==> flow/design.v <==
module u_relation #(
  parameter BITS = 80
) (
  input  logic sys_clk,
  input  logic rst_i,
  input  logic en,
  input  logic [BITS-1:0] dataa,
  input  logic [BITS-1:0] datab,
  output logic above
);
  logic [BITS-1:0] r_dataa;
  logic [BITS-1:0] r_datab;
  logic [BITS:0] cc;
  assign cc[0] = 1'b0;
  for (genvar i = 0; i < BITS; i++) begin : u_g
    assign cc[i+1] = (r_dataa[i] ^ r_datab[i]) ? r_dataa[i] : cc[i];
  end
  always_ff @(posedge sys_clk) begin
    if (rst_i) begin
      r_dataa <= '0;
      r_datab <= '0;
      above <= 1'b0;
    end else if (en) begin
      r_dataa <= dataa;
      r_datab <= datab;
      above <= cc[BITS];
    end
  end
endmodule
## Reports on u_relation

What the tools print for u_relation, step after step.
Lines are those of the file above, counted from 1.
A cell with n/a has no value.

| inputs | value |
|---|---|
| top | u_relation |
| clock | sys_clk |
| cell library | sky130hd |
| corner | tt_025C_1v80 |

## Word level

Source: Yosys, flattened and elaborated, memories not mapped. Widths are those after wreduce; folded enables and synchronous resets count as part of the registers. Registers that Yosys merges into a memory's read port (data or address) are not register bits. Print and check cells do not count. Equal cells are merged and count once.

| cells by class | value |
|---|---|
| bitwise logic cells | 80 |
| muxes and demuxes | 80 |

Operators with widths:

| kind | number |
|---|---|
| 1-bit XOR | 80 |
| 1-bit two-way mux | 80 |

| bit counts | value |
|---|---|
| flip-flop bits (word level) | 161 |
| input port bits | 163 |
| output and inout port bits | 1 |
| elaborated cells | 163 |

## Depth

Yosys ltp: most cells in a row. Word level: on the elaborated netlist, between registers, memories and ports. Mapped: between sequential cells and ports; inverters and the memories' decode and read muxes count.

| depth | value |
|---|---|
| depth in word-level cells | 81 |
| ABC_AREA | 0 |
| mapped depth | 7 |
| mapped depth without buffers | 7 |

## Synthesis result

Yosys stat after the flow's synthesis: flattened, memories mapped to cells. It holds for the ABC_AREA given above (unset counts as 0); a run with the other value may have another netlist.

Cells by type:

| type | number | area in all (µm²) |
|---|---|---|
| sky130_fd_sc_hd__dfxtp_1 | 161 | 3.22E+03 |
| sky130_fd_sc_hd__mux2i_1 | 160 | 1.6E+03 |
| sky130_fd_sc_hd__nor2_1 | 167 | 626.851 |
| sky130_fd_sc_hd__inv_1 | 61 | 228.97 |
| sky130_fd_sc_hd__nor2b_1 | 34 | 212.704 |
| sky130_fd_sc_hd__nand2b_1 | 21 | 131.376 |
| sky130_fd_sc_hd__maj3_1 | 11 | 110.106 |
| sky130_fd_sc_hd__clkbuf_1 | 25 | 93.84 |
| sky130_fd_sc_hd__o22ai_1 | 10 | 62.56 |
| sky130_fd_sc_hd__a221oi_1 | 7 | 61.309 |
| sky130_fd_sc_hd__a2111oi_2 | 3 | 45.043 |
| sky130_fd_sc_hd__maj3_2 | 4 | 45.043 |
| sky130_fd_sc_hd__o21ai_0 | 9 | 45.043 |
| sky130_fd_sc_hd__a21oi_1 | 7 | 35.034 |
| sky130_fd_sc_hd__a22o_1 | 4 | 35.034 |
| sky130_fd_sc_hd__o2111ai_1 | 3 | 26.275 |
| sky130_fd_sc_hd__o221ai_1 | 3 | 26.275 |
| sky130_fd_sc_hd__o2bb2ai_1 | 3 | 26.275 |

Other cell types: 33; their cells: 63.

| mapped netlist | value |
|---|---|
| sequential area | 3223.1 µm² |
| mapped area | 7061.8 µm² |
| mapped flip-flops | 161 |
| standard cells after synthesis | 756 |

## Timing after synthesis

OpenSTA on the mapped netlist: ideal clock, no wires. The path of least setup slack (recovery checks aside). Input and output delay are each 20% of the period. Register names are those of the netlist, which keeps one name where synthesis merged equal registers.

| timing path after synthesis | value |
|---|---|
| path type | register -> register |
| start point | register r_dataa[18] |
| end point | register above |
| path delay | 1852 ps |
| clock period | 2310 ps |
| launch time at the first pin | 0 ps |
| data arrival time | 1726 ps |
| data required time | 2184 ps |
| setup slack | 458 ps |
| buffers on the path | 0 |
| stages on the path | 8 |
| period reached after synthesis | 1852 ps |

"path delay" = arrival - input delay + setup time.
"stages on the path" counts driving pins, that of a launching flip-flop among them; a cell with two outputs on the path counts twice.
"period reached after synthesis" = period - worst setup slack (recovery checks aside). The figure is calculated, with input and output delays left at 20% of the set period.
The rows between start and end are the longest chain of elaborated cells between them; the timing report does not say that the signal goes this way. Where chains are equally long, one stands for them.
A line is the first line of the expression or statement that the cell stems from. Yosys adds cells for indexed reads and writes and turns some case tables into memories.

| between the ends, after synthesis | value |
|---|---|
| cell sequence | sky130_fd_sc_hd__dfxtp_1 > sky130_fd_sc_hd__nor2b_1 > sky130_fd_sc_hd__maj3_2 > sky130_fd_sc_hd__maj3_2 > sky130_fd_sc_hd__a211oi_2 > sky130_fd_sc_hd__a21oi_1 > sky130_fd_sc_hd__a2111oi_2 > sky130_fd_sc_hd__o31ai_1 |
| cells in the longest elaborated chain | 63 |

Ends and longest elaborated chain, after synthesis:

| what | line | source |
|---|---|---|
| from (decl) | 11 | `logic [BITS-1:0] r_dataa;` |
| from (assign) | 20 | `r_dataa <= '0;` |
| from (assign) | 24 | `r_dataa <= dataa;` |
| 1-bit XOR | 16 | `assign cc[i+1] = (r_dataa[i] ^ r_datab[i]) ? r_dataa[i] : cc[i];` |
| 1-bit two-way mux x62 | 16 |  |
| to (assign) | 22 | `above <= 1'b0;` |
| to (assign) | 26 | `above <= cc[BITS];` |
| to (decl) | 9 | `output logic above` |

## Path in the finished layout

Path of least setup slack in the final report of run 1 (OpenROAD, finished layout, wires in). Where an end is a register, its clock arrival counts in the times.
The path's times are printed in steps of 10 ps; the period is the one set.

| timing path post-layout | value |
|---|---|
| path type | register -> register |
| start point | register r_dataa[18] |
| end point | register above |
| setup slack | 230 ps |
| launch time at the first pin | 420 ps |
| stages on the path | 8 |
| buffers on the path | 0 |
| data arrival time | 2370 ps |
| data required time | 2600 ps |
| clock period | 2310 ps |

The rows between start and end are the longest chain of elaborated cells between them; the timing report does not say that the signal goes this way. Where chains are equally long, one stands for them.

| between the ends, post-layout | value |
|---|---|
| cell sequence | sky130_fd_sc_hd__dfxtp_1 > sky130_fd_sc_hd__nor2b_1 > sky130_fd_sc_hd__maj3_2 > sky130_fd_sc_hd__maj3_2 > sky130_fd_sc_hd__a211oi_2 > sky130_fd_sc_hd__nand4_1 > sky130_fd_sc_hd__a2111oi_2 > sky130_fd_sc_hd__o31ai_1 |
| cells in the longest elaborated chain | 63 |

Ends and longest elaborated chain, post-layout:

| what | line | source |
|---|---|---|
| from (decl) | 11 | `logic [BITS-1:0] r_dataa;` |
| from (assign) | 20 | `r_dataa <= '0;` |
| from (assign) | 24 | `r_dataa <= dataa;` |
| 1-bit XOR | 16 | `assign cc[i+1] = (r_dataa[i] ^ r_datab[i]) ? r_dataa[i] : cc[i];` |
| 1-bit two-way mux x62 | 16 |  |
| to (assign) | 22 | `above <= 1'b0;` |
| to (assign) | 26 | `above <= cc[BITS];` |
| to (decl) | 9 | `output logic above` |

FLOW RESULTS
============

Settings and measured results of 2 stored flow runs for module u_relation (sky130hd), not sorted in any way. The constraints put input and output delay at 20% of the set period each and load the outputs with 0.01 pF.
"critical setup path time" means the part of the period allowed to the worst setup path (the constraints hold back 20% at inputs and 20% at outputs) less its slack; where the path has registers, the arrival times of their clocks count too.
"total power of the final layout" rests on the timing tool's default activity at the inputs, not on a simulated workload.
"critical setup path time" is given in steps of 10 ps.

#### Run 1

| setting | value |
|---|---|
| period_ns | `2.31` |
| CAP_MARGIN | `20` |
| CORE_MARGIN | `2` |
| CORE_UTILIZATION | `40` |
| SLEW_MARGIN | `20` |

| result | value |
|---|---|
| full die area | 18733.4 µm² |
| worst hold slack in the final report | 356 ps |
| critical setup path time | 2080 ps |
| type of the worst setup path | register -> register |
| total power of the final layout | 6827 uW |
| worst setup slack after layout | 233 ps |
| final design utilization | 54.8 % |
| standard-cell area after layout | 9486.6 µm² |
| final setup TNS | 0 ps |
| synthesis area | 7061.8 µm² |

#### Run 2

| setting | value |
|---|---|
| period_ns | `1.94` |
| CORE_UTILIZATION | `71` |
| SETUP_SLACK_MARGIN | `0.33` |
| PLACE_DENSITY | `0.5` |
| HOLD_SLACK_MARGIN | `0.28` |
| CORE_ASPECT_RATIO | `0.85` |
| CELL_PAD_IN_SITES_DETAIL_PLACEMENT | `2` |
| TNS_END_PERCENT | `10` |
| ABC_AREA | `0` |
| CTS_CLUSTER_SIZE | `90` |
| CTS_CLUSTER_DIAMETER | `366` |
| SLEW_MARGIN | `10` |
| MIN_ROUTING_LAYER | `met1` |
| MAX_ROUTING_LAYER | `met5` |
| CAP_MARGIN | `20` |
| CORE_MARGIN | `2` |

Stopped before the end: placement reported a tool error.
